==> flow/design.v <==
module reg_word #(parameter N = 8) (
    input wire clk,
    input wire en,
    input wire [N-1:0] d,
    output reg [N-1:0] q
);
    always @(posedge clk)
        if (en) q <= d;
endmodule
module mem_p #(
    parameter NUM_REGS = 40,
    parameter DATA_W = 10,
    parameter RP = 4,
    parameter ADDR_W = $clog2(NUM_REGS)
) (
    input i_clk,
    input in_wr_en,
    input [ADDR_W-1:0] in_write_addr,
    input [DATA_W-1:0] in_wd,
    input [RP*ADDR_W-1:0] in_read_addr,
    output reg [RP*DATA_W-1:0] out_rd
);
    wire [NUM_REGS*DATA_W-1:0] array;
    genvar ii;
    generate
        for (ii = 0; ii < NUM_REGS; ii = ii + 1) begin : row
            reg_word #(.N(DATA_W)) i_sub (.clk(i_clk), .en(in_wr_en && in_write_addr == ii), .d(in_wd), .q(array[ii*DATA_W +: DATA_W]));
        end
    endgenerate
    wire [RP*DATA_W-1:0] cur;
    genvar m;
    generate
        for (m = 0; m < RP; m = m + 1) begin : gen
            assign cur[m*DATA_W +: DATA_W] = array[in_read_addr[m*ADDR_W +: ADDR_W]*DATA_W +: DATA_W];
        end
    endgenerate
    always @(posedge i_clk) begin
        out_rd <= cur;
    end
endmodule
From RTL to reports: mem_p. Tool output for the design above, in the order of the flow. Lines are those of the file above, counted from 1. Operators: Yosys type, input widths -> output width; for muxes data width and select width s. Cell names lack the library's common part. Not given: n/a

Top module: mem_p. Clock port: i_clk. Library: sky130hd. Timing corner: tt_025C_1v80.

Elaborated design. Source: Yosys, flattened and elaborated, memories not mapped. Widths are those after wreduce; folded enables and synchronous resets count as part of the registers. Registers that Yosys merges into a memory's read port (data or address) are not register bits. Print and check cells do not count. Equal cells are merged and count once.

Under $add $sub $neg stands 0. The figure for multiply operators is 4. For divide/modulo/power cells the number is 0. For $lt $le $gt $ge the number is 0. For equal/unequal tests the number is 39. For shift operators the number is 4. Muxes and demuxes: 0. The figure for bitwise operators is 0. The entry for reduce/logical cells reads 41.

Operators by type and width (number): $shiftx 400x11->10 (4); $mul 6x3->9 const B (4); $eq 6x5->1 const B (16); $eq 6x4->1 const B (8); $eq 6x6->1 const B (8); $logic_and 1x1->1 (40); $eq 6x3->1 const B (4); $eq 6x2->1 const B (2); $eq 6x1->1 const B (1); $logic_not 6->1 (1).

Bits in registers: 440. The entry for bits in latches reads 0. RAM bits: 0. For memory bits (read-only) the number is 0. The figure for clocked read ports x word width is 0. The entry for memory cells reads 0. The figure for output and inout bits is 40. Under word-level cells stands 129.

Logic depth. Yosys ltp: most cells in a row. Word level: on the elaborated netlist, between registers, memories and ports. Mapped: between sequential cells and ports; inverters and the memories' decode and read muxes count.

The figure for depth in word-level cells is 2. For ABC_AREA the number is 0. The entry for mapped depth reads 9. Under gate-level depth less buffers stands 5.

Synthesis result. Yosys stat after the flow's synthesis: flattened, memories mapped to cells. It holds for the ABC_AREA given above (unset counts as 0); a run with the other value may have another netlist.

The figure for mapped cells is 1605. Synthesis area: 26137.6 um^2. For sequential part of the area the number is 12812.3 um^2. Under flip-flops stands 440. The entry for buffer cells reads 148.

Cells by type (number): edfxtp_1 (400); mux4_2 (290); mux2i_1 (211); dfxtp_1 (40); a211oi_1 (59); a22oi_1 (49); mux4_1 (14); mux2_2 (31); o221ai_1 (37); a22o_1 (34); buf_2 (49); buf_4 (31); a211o_1 (24); clkbuf_1 (50); o22ai_1 (29); nor2_1 (48); nor2b_1 (24); nand2_1 (38).

Not listed: further types 25, cells in them 147. By module: a second synthesis without flattening, with its own total; a netlist apart from the flattened one above.

Under cells (unflattened synthesis) stands 1586. For area total of the unflattened synthesis the number is 26027.5 um^2.

Rows give one instance, submodules left out.

By module: mem_p (times used 1, cells 1186, area 14015.9 um^2); reg_word #(N=10) (times used 40, cells 10, area 300.3 um^2).

Path before layout. Path of least setup slack by OpenSTA after synthesis, without wires, with an ideal clock, recovery checks aside; 20% of the period is set as input and as output delay. Where synthesis merged equal registers, the netlist keeps one of their names.

Path kind: input to register. Start point: in in_write_addr[5]. End point: reg row[8].i_sub.q[0]. For period the number is 3.57 ns. The figure for input delay is 0.714 ns. The entry for library setup time reads 0.390 ns. The entry for time at the first pin reads 0.714 ns. The figure for arrival time is 2.611 ns. Under data required time stands 3.180 ns. Slack: 0.569 ns. The figure for path delay is 2.287 ns. Under stages on the path stands 4. Under path buffers stands 1. The entry for synthesis period reached reads 3.001 ns.

"path delay" is the arrival time less input delay plus setup time. "stages on the path": output pins that drive a net of the path, with the launching flip-flop's if there is one; two outputs of one cell count as two. "synthesis period reached" is the clock period less the worst setup slack; recovery checks do not enter. This is arithmetic on one report: input and output delays are still those of the set period (20% each). Between the ends stands the longest chain of elaborated cells between them, by number of cells; it is not shown to be the way that was timed. Of several equally long chains one is given. Each line given opens the expression or statement behind the cell; cells for indexed reads and writes are added by Yosys, which also makes memories of some case tables.

Path through: or3b_2 > clkbuf_1 > or3b_2 > nor3_1. Length of the longest elaborated chain: 2.

Ends and longest elaborated chain, after synthesis: start, declared (line 18) `input [ADDR_W-1:0] in_write_addr,`; $eq 6x4->1 (line 27) `reg_word #(.N(DATA_W)) i_sub (.clk(i_clk), .en(in_wr_en && in_write_addr == ii), .d(in_wd), .q(array[ii*DATA_W ...`; $logic_and 1x1->1 (line 27); end, assigned (line 8) `if (en) q <= d;`; end, declared (line 5) `output reg [N-1:0] q`.

Timing after layout. From the final timing report of record 1: the path of least setup slack in the routed layout; clock arrival at registers is part of the times.

Path kind: input to register. Start point: in in_read_addr[9]. End point: reg out_rd[16]. For period the number is 4.72 ns. The figure for input delay is 0.94 ns. The entry for library setup time reads 0.13 ns. The entry for time at the first pin reads 0.94 ns. The figure for arrival time is 3.75 ns. Under data required time stands 5.20 ns. Slack: 1.45 ns. Under stages on the path stands 6. Under path buffers stands 1.

Between the ends stands the longest chain of elaborated cells between them, by number of cells; it is not shown to be the way that was timed. Of several equally long chains one is given.

Path through: clkdlybuf4s50_1 > nand3b_1 > o221ai_1 > a211oi_1 > a211o_1 > o21ai_0. Length of the longest elaborated chain: 2.

Ends and longest elaborated chain, post-layout: start, declared (line 20) `input [RP*ADDR_W-1:0] in_read_addr,`; $mul 6x3->9 (line 34) `assign cur[m*DATA_W +: DATA_W] = array[in_read_addr[m*ADDR_W +: ADDR_W]*DATA_W +: DATA_W];`; $shiftx 400x11->10 (line 34); end, assigned (line 38) `out_rd <= cur;`; end, declared (line 21) `output reg [RP*DATA_W-1:0] out_rd`.

Add stored flow runs of mem_p

mem_p through Yosys and OpenROAD on sky130hd: 3 stored runs, unordered, with their settings and measured results. The constraints put input and output delay at 20% of the set period each and load the outputs with 0.01 pF. "period achieved" is the run's clock period less its worst setup slack. It is reckoned from that one timing run; input and output delays stay at 20% of the period that was set. "critical path time" = time allowed to the worst setup path (clock period - input delay - output delay, where it has them) - its slack; a late launch clock adds to it, a late capture clock takes from it. "overall power" is the tool's figure for a default switching activity; nothing was simulated.

Files of record 1:
==> flow/run.sh <==
#!/bin/bash
# the make line also repeats the synthesis and layout settings of config.mk as NAME=value (left out here)
make -C /OpenROAD-flow-scripts/flow DESIGN_CONFIG=/design/flow/config.mk WORK_HOME=/design/flow/orfs CLKGATE_MAP_FILE= finish
==> flow/config.mk <==
export PLATFORM = sky130hd
export DESIGN_NAME = mem_p
export DESIGN_NICKNAME = mem_p
export VERILOG_FILES = /design/flow/design.v
export SDC_FILE = /design/flow/constraint.sdc
export NUM_CORES = 4
export LEC_CHECK = 0
export CAP_MARGIN = 40
export CELL_PAD_IN_SITES_GLOBAL_PLACEMENT = 1
export CORE_MARGIN = 7
export CORE_UTILIZATION = 43
export CTS_CLUSTER_SIZE = 10
export MAX_ROUTING_LAYER = met5
export PLACE_DENSITY = 0.76
export SETUP_SLACK_MARGIN = 0.27
export SLEW_MARGIN = 20
export TNS_END_PERCENT = 65
==> flow/constraint.sdc <==
create_clock -name core_clock -period 4.72 [get_ports {i_clk}]
set_input_delay 0.9440 -clock core_clock [delete_from_list [all_inputs] [get_ports {i_clk}]]
set_output_delay 0.9440 -clock core_clock [all_outputs]
set_load 0.01 [all_outputs]

Results of record 1. For the worst slack on setup checks the run shows 1.450 ns. For the total negative slack the run shows 0.000 ns. The netlist area reported by Yosys is 26137.6 um^2. The measured period achieved is 3.270 ns. For the standard-cell area after routing the run shows 29739.8 um^2. For the overall power the run shows 9519 uW. For the area inside the die boundary the run shows 67883.7 um^2. The measured critical path time is 2.33 ns. Critical path kind: input to register. The final worst hold slack is 0.818 ns.

Files of record 2:
==> flow/run.sh <==
#!/bin/bash
# the make line also repeats the synthesis and layout settings of config.mk as NAME=value (left out here)
make -C /OpenROAD-flow-scripts/flow DESIGN_CONFIG=/design/flow/config.mk WORK_HOME=/design/flow/orfs CLKGATE_MAP_FILE= finish
==> flow/config.mk <==
export PLATFORM = sky130hd
export DESIGN_NAME = mem_p
export DESIGN_NICKNAME = mem_p
export VERILOG_FILES = /design/flow/design.v
export SDC_FILE = /design/flow/constraint.sdc
export NUM_CORES = 4
export LEC_CHECK = 0
export CAP_MARGIN = 20
export CELL_PAD_IN_SITES_DETAIL_PLACEMENT = 2
export CELL_PAD_IN_SITES_GLOBAL_PLACEMENT = 3
export CORE_MARGIN = 2
export CORE_UTILIZATION = 25
export MAX_ROUTING_LAYER = met5
export PLACE_DENSITY_LB_ADDON = 0.01
export SETUP_SLACK_MARGIN = -0.04
export SLEW_MARGIN = 20
==> flow/constraint.sdc <==
create_clock -name core_clock -period 3.34 [get_ports {i_clk}]
set_input_delay 0.6680 -clock core_clock [delete_from_list [all_inputs] [get_ports {i_clk}]]
set_output_delay 0.6680 -clock core_clock [all_outputs]
set_load 0.01 [all_outputs]

Results of record 2. For the worst slack on setup checks the run shows 0.488 ns. For the total negative slack the run shows 0.000 ns. The netlist area reported by Yosys is 26137.6 um^2. The measured period achieved is 2.852 ns. For the standard-cell area after routing the run shows 32044.5 um^2. For the overall power the run shows 14696 uW. For the area inside the die boundary the run shows 107151.0 um^2. The measured critical path time is 2.18 ns. Critical path kind: input to register. The final worst hold slack is 0.839 ns.

Files of record 3:
==> flow/run.sh <==
#!/bin/bash
# the make line also repeats the synthesis and layout settings of config.mk as NAME=value (left out here)
make -C /OpenROAD-flow-scripts/flow DESIGN_CONFIG=/design/flow/config.mk WORK_HOME=/design/flow/orfs CLKGATE_MAP_FILE= finish
==> flow/config.mk <==
export PLATFORM = sky130hd
export DESIGN_NAME = mem_p
export DESIGN_NICKNAME = mem_p
export VERILOG_FILES = /design/flow/design.v
export SDC_FILE = /design/flow/constraint.sdc
export NUM_CORES = 4
export LEC_CHECK = 0
export CAP_MARGIN = 20
export CORE_MARGIN = 2
export CORE_UTILIZATION = 40
export SLEW_MARGIN = 20
==> flow/constraint.sdc <==
create_clock -name core_clock -period 3.57 [get_ports {i_clk}]
set_input_delay 0.7140 -clock core_clock [delete_from_list [all_inputs] [get_ports {i_clk}]]
set_output_delay 0.7140 -clock core_clock [all_outputs]
set_load 0.01 [all_outputs]

Results of record 3. For the worst slack on setup checks the run shows 0.727 ns. For the total negative slack the run shows 0.000 ns. The netlist area reported by Yosys is 26137.6 um^2. The measured period achieved is 2.843 ns. For the standard-cell area after routing the run shows 30521.8 um^2. For the overall power the run shows 13008 uW. For the area inside the die boundary the run shows 67405.1 um^2. The measured critical path time is 2.13 ns. Critical path kind: input to register. The final worst hold slack is 0.814 ns.
